==> flow/design.v <==
module cmp_unit_p #(
   parameter W = 40
) (
   input wire clk,
   input wire adv,
   input wire [W-1:0] a,
   input wire [W-1:0] b,
   output reg a_gt_b,
   output reg lt
);
   reg [W-1:0] a_d1;
   reg [W-1:0] b_d1;
   always @(posedge clk) begin
      if (adv) begin
         a_d1 <= a;
         b_d1 <= b;
      end
   end
   reg g;
   reg l;
   integer k;
   always @(*) begin
      g = 1'b0;
      l = 1'b0;
      for (k = W-1; k >= 0; k = k - 1) begin
         if (!g && !l) begin
            g = a_d1[k] & ~b_d1[k];
            l = ~a_d1[k] & b_d1[k];
         end
      end
   end
   always @(posedge clk) begin
      if (adv) begin
         a_gt_b <= g;
         lt <= l;
      end
   end
endmodule
Reports on cmp_unit_p
The steps from the RTL of cmp_unit_p to its reports follow in flow order.
Line numbers count from 1 in the design file above.
Cell names lack the library's common part.
A cell with -- has no value.
Inputs
  top: cmp_unit_p
  clock: clk
  cell library: sky130hd
  timing corner: tt_025C_1v80

Word level
Yosys after proc, flatten, opt, wreduce and memory -nomap, before mapping. Enables and synchronous resets that opt folds into registers are not counted as muxes. Memory bits, and registers merged into a memory's read port (data or address), are not among the register bits. Print and check cells are not counted. Equal cells are merged and count once.
Storage and ports
  bits of input ports: 82
  latch bits: 0
  ROM bits: 0
  register bits after elaboration: 82
  output and inout port bits: 2
  memories: 0
  bits in writable memories: 0
  clocked read ports x word width: 0
Cells by class
  divide/modulo/power cells: 0
  reductions and logical operators: 117
  $add $sub $neg: 0
  shift operators: 0
  muxes and demuxes: 78
  eq/ne operators: 0
  $mul: 0
  bitwise logic cells: 160
  $lt $le $gt $ge: 0
Operator list (count)
  1-bit AND: 80
  1-bit inverter: 80
  1-bit zero test: 78
  1-bit 2-to-1 mux: 78
  1-bit logical AND: 39

Longest topological paths
Depth = most cells in a row (Yosys ltp): at word level without a register or memory, in the mapped netlist without a sequential cell, where the memories' decode and read muxes count.
Depth
  depth after elaboration: 119
  ABC_AREA: 0
  gate-level depth with buffers: 8
  depth with buffers taken out: 8

Mapped cells and area
Source: synth_stat.txt of the flow (Yosys; design flattened, memories mapped). It holds for the ABC_AREA given above (unset counts as 0); a run with the other value may have another netlist.
Synthesis totals
  mapped area: 3542.1 um^2
  cell count: 246
  flip-flop cells: 82
Cell types (count)
  edfxtp_1: 82
  maj3_1: 25
  nand2b_1: 23
  nor2b_1: 20
  inv_1: 24
  maj3_2: 7
  o21ai_0: 9
  nand2_1: 11
  a21oi_1: 6
  ha_1: 2
  o21ai_1: 5
  o21bai_1: 3
  nand3_1: 4
  o211a_1: 2
  nor2_1: 4
  o211ai_1: 2
  o31ai_1: 2
  a21boi_2: 1
Not listed: further types 13, cells in them 14.

Timing after synthesis
Path of least setup slack by OpenSTA after synthesis, without wires, with an ideal clock, recovery checks aside; 20% of the period is set as input and as output delay. Where synthesis merged equal registers, the netlist keeps one of their names.
Timing path after synthesis
  path type: reg2reg
  from: register b_d1[30]
  to: register lt
  arrival time: 2.062 ns
  stages: 9
  setup slack: 0.577 ns
  path buffers: 0
  period: 2.9 ns
  path delay: 2.323 ns
  synthesis period reached: 2.323 ns
"path delay" is the arrival time less input delay plus setup time.
"stages" counts driving pins, that of a launching flip-flop among them; a cell with two outputs on the path counts twice.
"synthesis period reached" is the clock period less the worst setup slack; recovery checks do not enter. This is arithmetic on one report: input and output delays are still those of the set period (20% each).
The rows between start and end are the longest chain of elaborated cells between them; the timing report does not say that the signal goes this way. Where chains are equally long, one stands for them.
A line is the first line of the expression or statement that the cell stems from. Yosys adds cells for indexed reads and writes and turns some case tables into memories.
Between the ends, after synthesis
  cell sequence: edfxtp_1 -> nor2b_1 -> maj3_2 -> maj3_2 -> a21oi_2 -> a21oi_1 -> and4b_1 -> a211o_1 -> a221o_1
  length of the longest elaborated chain: 93
  elaborated cells between the ends (all ways): 154
  RTL lines with such cells: 3
  those cells by class: mux: 61; logic: 3; reduce/logical: 90
Ends and longest elaborated chain, after synthesis
  start, declared: line 12  | reg [W-1:0] b_d1;
  start, assigned: line 16  | b_d1 <= b;
  1-bit inverter: line 27  | g = a_d1[k] & ~b_d1[k];
  1-bit AND: line 27
  1-bit 2-to-1 mux: line 26  | if (!g && !l) begin
  1-bit zero test: line 26
  1-bit logical AND: line 26
  1-bit 2-to-1 mux: line 26
  1-bit zero test: line 26
  [79 not listed]
  1-bit 2-to-1 mux: line 26
  1-bit zero test: line 26
  1-bit logical AND: line 26
  1-bit 2-to-1 mux: line 26
  1-bit zero test: line 26
  1-bit logical AND: line 26
  1-bit 2-to-1 mux: line 26
  end, assigned: line 35  | lt <= l;
  end, declared: line 9  | output reg lt

Path in the finished layout
From the final timing report of flow run 1: the path of least setup slack in the routed layout; clock arrival at registers is part of the times.
Timing path post-layout
  path type: reg2reg
  from: register b_d1[30]
  to: register lt
  arrival time: 2.59 ns
  setup slack: 0.40 ns
  path buffers: 0
  period: 2.9 ns
  stages: 9
The rows between start and end are the longest chain of elaborated cells between them; the timing report does not say that the signal goes this way. Where chains are equally long, one stands for them.
Between the ends, post-layout
  cell sequence: edfxtp_1 -> nor2b_1 -> maj3_2 -> maj3_2 -> a21oi_2 -> a21oi_1 -> and4b_1 -> a211o_1 -> a221o_1
  length of the longest elaborated chain: 93
  elaborated cells between the ends (all ways): 154
  RTL lines with such cells: 3
  those cells by class: mux: 61; logic: 3; reduce/logical: 90
Ends and longest elaborated chain, post-layout
  start, declared: line 12  | reg [W-1:0] b_d1;
  start, assigned: line 16  | b_d1 <= b;
  1-bit inverter: line 27  | g = a_d1[k] & ~b_d1[k];
  1-bit AND: line 27
  1-bit 2-to-1 mux: line 26  | if (!g && !l) begin
  1-bit zero test: line 26
  1-bit logical AND: line 26
  1-bit 2-to-1 mux: line 26
  1-bit zero test: line 26
  [79 not listed]
  1-bit 2-to-1 mux: line 26
  1-bit zero test: line 26
  1-bit logical AND: line 26
  1-bit 2-to-1 mux: line 26
  1-bit zero test: line 26
  1-bit logical AND: line 26
  1-bit 2-to-1 mux: line 26
  end, assigned: line 35  | lt <= l;
  end, declared: line 9  | output reg lt

Subject: cmp_unit_p on sky130hd, stored results

Hello all,

Measured data: module cmp_unit_p, platform sky130hd, 3 stored runs of the flow under differing settings, order arbitrary. Input and output delays are each 20% of the period that was set; the output load is 0.01 pF.
"achieved clock period (ns)" means the clock period less the worst setup slack. The figure is calculated, with input and output delays left at 20% of the set period.
"finish__power__total" is the tool's figure for a default switching activity; nothing was simulated.

Flow files of flow run 1
==> flow/run.sh <==
#!/bin/bash
# the make line also repeats the synthesis and layout settings of config.mk as NAME=value (left out here)
make -C /OpenROAD-flow-scripts/flow DESIGN_CONFIG=/design/flow/config.mk WORK_HOME=/design/flow/orfs CLKGATE_MAP_FILE= finish
==> flow/config.mk <==
export PLATFORM = sky130hd
export DESIGN_NAME = cmp_unit_p
export DESIGN_NICKNAME = cmp_unit_p
export VERILOG_FILES = /design/flow/design.v
export SDC_FILE = /design/flow/constraint.sdc
export NUM_CORES = 4
export LEC_CHECK = 0
export CAP_MARGIN = 20
export CORE_MARGIN = 2
export CORE_UTILIZATION = 40
export SLEW_MARGIN = 20
==> flow/constraint.sdc <==
create_clock -name core_clock -period 2.9 [get_ports {clk}]
set_input_delay 0.5800 -clock core_clock [delete_from_list [all_inputs] [get_ports {clk}]]
set_output_delay 0.5800 -clock core_clock [all_outputs]
set_load 0.01 [all_outputs]

report of flow run 1
yosys chip area after synthesis (um^2): 3542.1
finish__design__die__area: 9623.6
finish__design__instance__utilization: 0.5430
finish__timing__setup__ws: 0.404
finish__power__total: 2.598e-03
achieved clock period (ns): 2.496

Flow files of flow run 2
==> flow/run.sh <==
#!/bin/bash
# the make line also repeats the synthesis and layout settings of config.mk as NAME=value (left out here)
make -C /OpenROAD-flow-scripts/flow DESIGN_CONFIG=/design/flow/config.mk WORK_HOME=/design/flow/orfs CLKGATE_MAP_FILE= finish
==> flow/config.mk <==
export PLATFORM = sky130hd
export DESIGN_NAME = cmp_unit_p
export DESIGN_NICKNAME = cmp_unit_p
export VERILOG_FILES = /design/flow/design.v
export SDC_FILE = /design/flow/constraint.sdc
export NUM_CORES = 4
export LEC_CHECK = 0
export CAP_MARGIN = 20
export CELL_PAD_IN_SITES_GLOBAL_PLACEMENT = 1
export CORE_MARGIN = 2
export CORE_UTILIZATION = 52
export CTS_CLUSTER_DIAMETER = 222
export GPL_TIMING_DRIVEN = 1
export MAX_ROUTING_LAYER = met4
export PLACE_DENSITY = 0.56
export SLEW_MARGIN = 25
==> flow/constraint.sdc <==
create_clock -name core_clock -period 1.7 [get_ports {clk}]
set_input_delay 0.3400 -clock core_clock [delete_from_list [all_inputs] [get_ports {clk}]]
set_output_delay 0.3400 -clock core_clock [all_outputs]
set_load 0.01 [all_outputs]

report of flow run 2
yosys chip area after synthesis (um^2): 3542.1
finish__design__die__area: 7488.3
finish__design__instance__utilization: 0.7245
finish__timing__setup__ws: -0.709
finish__power__total: 4.801e-03
achieved clock period (ns): 2.409

Flow files of flow run 3
==> flow/run.sh <==
#!/bin/bash
# the make line also repeats the synthesis and layout settings of config.mk as NAME=value (left out here)
make -C /OpenROAD-flow-scripts/flow DESIGN_CONFIG=/design/flow/config.mk WORK_HOME=/design/flow/orfs CLKGATE_MAP_FILE= finish
==> flow/config.mk <==
export PLATFORM = sky130hd
export DESIGN_NAME = cmp_unit_p
export DESIGN_NICKNAME = cmp_unit_p
export VERILOG_FILES = /design/flow/design.v
export SDC_FILE = /design/flow/constraint.sdc
export NUM_CORES = 4
export LEC_CHECK = 0
export CAP_MARGIN = 15
export CORE_ASPECT_RATIO = 0.56
export CORE_MARGIN = 6
export CORE_UTILIZATION = 43
export CTS_CLUSTER_SIZE = 44
export GPL_ROUTABILITY_DRIVEN = 0
export MAX_ROUTING_LAYER = met5
export MIN_ROUTING_LAYER = met2
export PLACE_DENSITY_LB_ADDON = 0.16
export SETUP_SLACK_MARGIN = 0.15
export SLEW_MARGIN = 20
export TNS_END_PERCENT = 65
==> flow/constraint.sdc <==
create_clock -name core_clock -period 1.66 [get_ports {clk}]
set_input_delay 0.3320 -clock core_clock [delete_from_list [all_inputs] [get_ports {clk}]]
set_output_delay 0.3320 -clock core_clock [all_outputs]
set_load 0.01 [all_outputs]

report of flow run 3
yosys chip area after synthesis (um^2): 3542.1
finish__design__die__area: 10652.1
finish__design__instance__utilization: 0.6380
finish__timing__setup__ws: -0.794
finish__power__total: 5.523e-03
achieved clock period (ns): 2.454

Thanks
